==> flow/design.v <==
module gen_adder_rtl #(
  parameter int NBITS = 12,
  parameter int N = 3,
  parameter int RES_W = NBITS + $clog2(N)
) (
  input  logic clock,
  input  logic aresetn,
  input  logic [N*NBITS-1:0] src_i,
  output logic [RES_W-1:0] s_o
);
  logic [N*NBITS-1:0] src_s;
  always_ff @(posedge clock or negedge aresetn) begin
    if (!aresetn) begin
      src_s <= 0;
    end else begin
      src_s <= src_i;
    end
  end
  logic [RES_W-1:0] r;
  always_comb begin
    r = 0;
    for (int i = 0; i < N; i++)
      r = r + src_s[i*NBITS +: NBITS];
  end
  assign s_o = r;
endmodule
# Tool chain data of gen_adder_rtl
# What the tools print for gen_adder_rtl, step after step.
# Line numbers count from 1 in the design file above.
# Library cell names are shortened.
setup:
  top_module: "gen_adder_rtl"
  clock_port: "clock"
  cell_library: "sky130hd"
  pvt_corner: "tt_025C_1v80"

# Word level
# Counts by Yosys on the flattened word-level netlist (proc, flatten, opt, wreduce; memories kept). Register bits leave out memories and registers merged into their read ports (data or address); mux counts leave out enables and synchronous resets folded into registers. Print and check cells are left out. Cells with the same type and inputs are merged into one.
word_totals:
  register_bits: 36
  in_bits: 38
  out_inout_bits: 14
  wordCells: 3
classes:
  n_addsub: 2
op_table:
  columns: ["operator", "n"]
  rows:
  - ["adder 13 x 12 -> 14 bit", 1]
  - ["adder 12 x 12 -> 13 bit", 1]

# Logic depth
# Longest topological path by Yosys (ltp), each cell counted once; first at word level (registers and memories cut), then after technology mapping (sequential cells cut; the memories' decode and read muxes count).
logic_depth:
  depth_word: 2
  ABC_AREA: 0
  ltp_mapped: 10
  ltp_nobuf: 10

# Netlist
# Source: synth_stat.txt of the flow (Yosys; design flattened, memories mapped). It holds for the ABC_AREA given above (unset counts as 0); a run with the other value may have another netlist.
types:
  columns: ["cell", "n", "type_area_um2"]
  rows:
  - ["dfrtp_1", 36, 900.864]
  - ["fa_1", 13, 260.25]
  - ["ha_1", 11, 137.632]
  - ["xnor2_1", 7, 61.309]
  - ["a21oi_1", 9, 45.043]
  - ["inv_1", 12, 45.043]
  - ["a21o_1", 4, 30.029]
  - ["nand3_1", 6, 30.029]
  - ["and2_1", 3, 18.768]
  - ["a211o_1", 2, 17.517]
  - ["o311ai_2", 1, 16.266]
  - ["o21ai_0", 3, 15.014]
  - ["a31oi_1", 2, 12.512]
  - ["nand2b_1", 2, 12.512]
  - ["o31ai_2", 1, 12.512]
  - ["buf_6", 1, 11.261]
  - ["nand2_1", 3, 11.261]
  - ["o21ai_2", 1, 8.758]
# Not listed: further types 8, cells in them 9.
mapped:
  stdcells: 126
  area_um2: 1707.9
  sequential_area_um2: 900.9
  ffs: 36
  n_buf: 1

# Worst setup path after synthesis
# Path of least setup slack by OpenSTA after synthesis, without wires, with an ideal clock, recovery checks aside; 20% of the period is set as input and as output delay. Where synthesis merged equal registers, the netlist keeps one of their names.
synth_path:
  path_kind: "reg2out"
  start: "reg src_s[1]"
  end: "out s_o[11]"
  clock_period_ps: 3620
  output_delay_ps: 724
  launch_ps: 0
  arrival_time_ps: 2317
  t_required_ps: 2896
  slack_ps: 579
  path_delay_ps: 2317
  stages: 9
  n_path_buf: 0
  synth_period_reached_ps: 3041
# "path_delay_ps" = arrival - input delay + setup time.
# At an output port there is no setup time.
# "stages" counts driving pins, that of a launching flip-flop among them; a cell with two outputs on the path counts twice.
# "synth_period_reached_ps" is the clock period less the worst setup slack; recovery checks do not enter. This is arithmetic on one report: input and output delays are still those of the set period (20% each).
# Between the ends stands the longest chain of elaborated cells between them, by number of cells; it is not shown to be the way that was timed. Of several equally long chains one is given.
# Each line given opens the expression or statement behind the cell; cells for indexed reads and writes are added by Yosys, which also makes memories of some case tables.
synth_via:
  cell_sequence: "dfrtp_1 fa_1 ha_1 fa_1 a21o_1 a31oi_1 o21ai_2 o31ai_2 xnor2_1"
  elab_chain_len: 2
  cone_cells: 2
  lines_between: 1
  cone_classes: "2 x add/sub"
synth_lines:
  columns: ["element", "line_no", "text"]
  rows:
  - ["from (decl)", 11, "logic [N*NBITS-1:0] src_s;"]
  - ["from (assign)", 14, "src_s <= 0;"]
  - ["from (assign)", 16, "src_s <= src_i;"]
  - ["adder 12 x 12 -> 13 bit", 23, "r = r + src_s[i*NBITS +: NBITS];"]
  - ["adder 13 x 12 -> 14 bit", 23, null]
  - ["to (decl)", 9, "output logic [RES_W-1:0] s_o"]

# Worst path after layout
# From the final timing report of run 1: the path of least setup slack in the routed layout; clock arrival at registers is part of the times.
# The report prints the path's times to 10 ps; the period is as set.
layout_path:
  path_kind: "reg2out"
  start: "reg src_s[1]"
  end: "out s_o[11]"
  clock_period_ps: 3620
  output_delay_ps: 720
  launch_ps: 280
  arrival_time_ps: 2790
  t_required_ps: 2900
  slack_ps: 100
  stages: 11
  n_path_buf: 2
# Between the ends stands the longest chain of elaborated cells between them, by number of cells; it is not shown to be the way that was timed. Of several equally long chains one is given.
layout_via:
  cell_sequence: "dfrtp_1 fa_1 ha_2 fa_2 a21o_1 a31oi_2 o21ai_2 buf_4 o31ai_2 xnor2_1 buf_2"
  elab_chain_len: 2
  cone_cells: 2
  lines_between: 1
  cone_classes: "2 x add/sub"
layout_lines:
  columns: ["element", "line_no", "text"]
  rows:
  - ["from (decl)", 11, "logic [N*NBITS-1:0] src_s;"]
  - ["from (assign)", 14, "src_s <= 0;"]
  - ["from (assign)", 16, "src_s <= src_i;"]
  - ["adder 12 x 12 -> 13 bit", 23, "r = r + src_s[i*NBITS +: NBITS];"]
  - ["adder 13 x 12 -> 14 bit", 23, null]
  - ["to (decl)", 9, "output logic [RES_W-1:0] s_o"]

# Measured results for gen_adder_rtl: 3 stored runs of the Yosys and OpenROAD flow on sky130hd. The settings differ; the order carries no meaning. The constraints put input and output delay at 20% of the set period each and load the outputs with 0.01 pF.
# By "achievedPeriod_ps" is meant the clock period of the run minus its worst setup slack. This is arithmetic on one report: input and output delays are still those of the set period (20% each).
# By "totalPower_mw" is meant OpenSTA's value without simulated activity: inputs other than the clock are taken to toggle once in ten clock periods, and the tool carries that through the logic.
runs:
  - name: "run 1"
    settings:
      period_ns: 3.62
      CAP_MARGIN: 20
      CORE_MARGIN: 2
      CORE_UTILIZATION: 40
      SLEW_MARGIN: 20
    results:
      tns_ps: 0
      fin_util_frac: 0.599
      achievedPeriod_ps: 3517
      synth_area_um2: 1707.9
      final_die_area_um2: 4808.7
      totalPower_mw: 1.243
      worstSetupSlack_ps: 103
  - name: "run 2"
    settings:
      period_ns: 2.12
      CORE_UTILIZATION: 50
      CORE_ASPECT_RATIO: 1.23
      GPL_ROUTABILITY_DRIVEN: 0
      CTS_CLUSTER_SIZE: 95
      CTS_CLUSTER_DIAMETER: 55
      CAP_MARGIN: 10
      MAX_ROUTING_LAYER: "met4"
      CORE_MARGIN: 2
      SLEW_MARGIN: 20
    results:
      tns_ps: -9281
      fin_util_frac: 0.812
      achievedPeriod_ps: 3125
      synth_area_um2: 1707.9
      final_die_area_um2: 3901.5
      totalPower_mw: 2.324
      worstSetupSlack_ps: -1005
  - name: "run 3"
    settings:
      period_ns: 3.36
      CORE_UTILIZATION: 48
      SETUP_SLACK_MARGIN: 0.11
      PLACE_DENSITY_LB_ADDON: 0.25
      HOLD_SLACK_MARGIN: 0.26
      CORE_MARGIN: 6
      TNS_END_PERCENT: 50
      GPL_TIMING_DRIVEN: 1
      CTS_CLUSTER_SIZE: 85
      CAP_MARGIN: 40
      SLEW_MARGIN: 20
    results:
      tns_ps: -146
      fin_util_frac: 0.715
      achievedPeriod_ps: 3449
      synth_area_um2: 1707.9
      final_die_area_um2: 5133.7
      totalPower_mw: 1.180
      worstSetupSlack_ps: -89
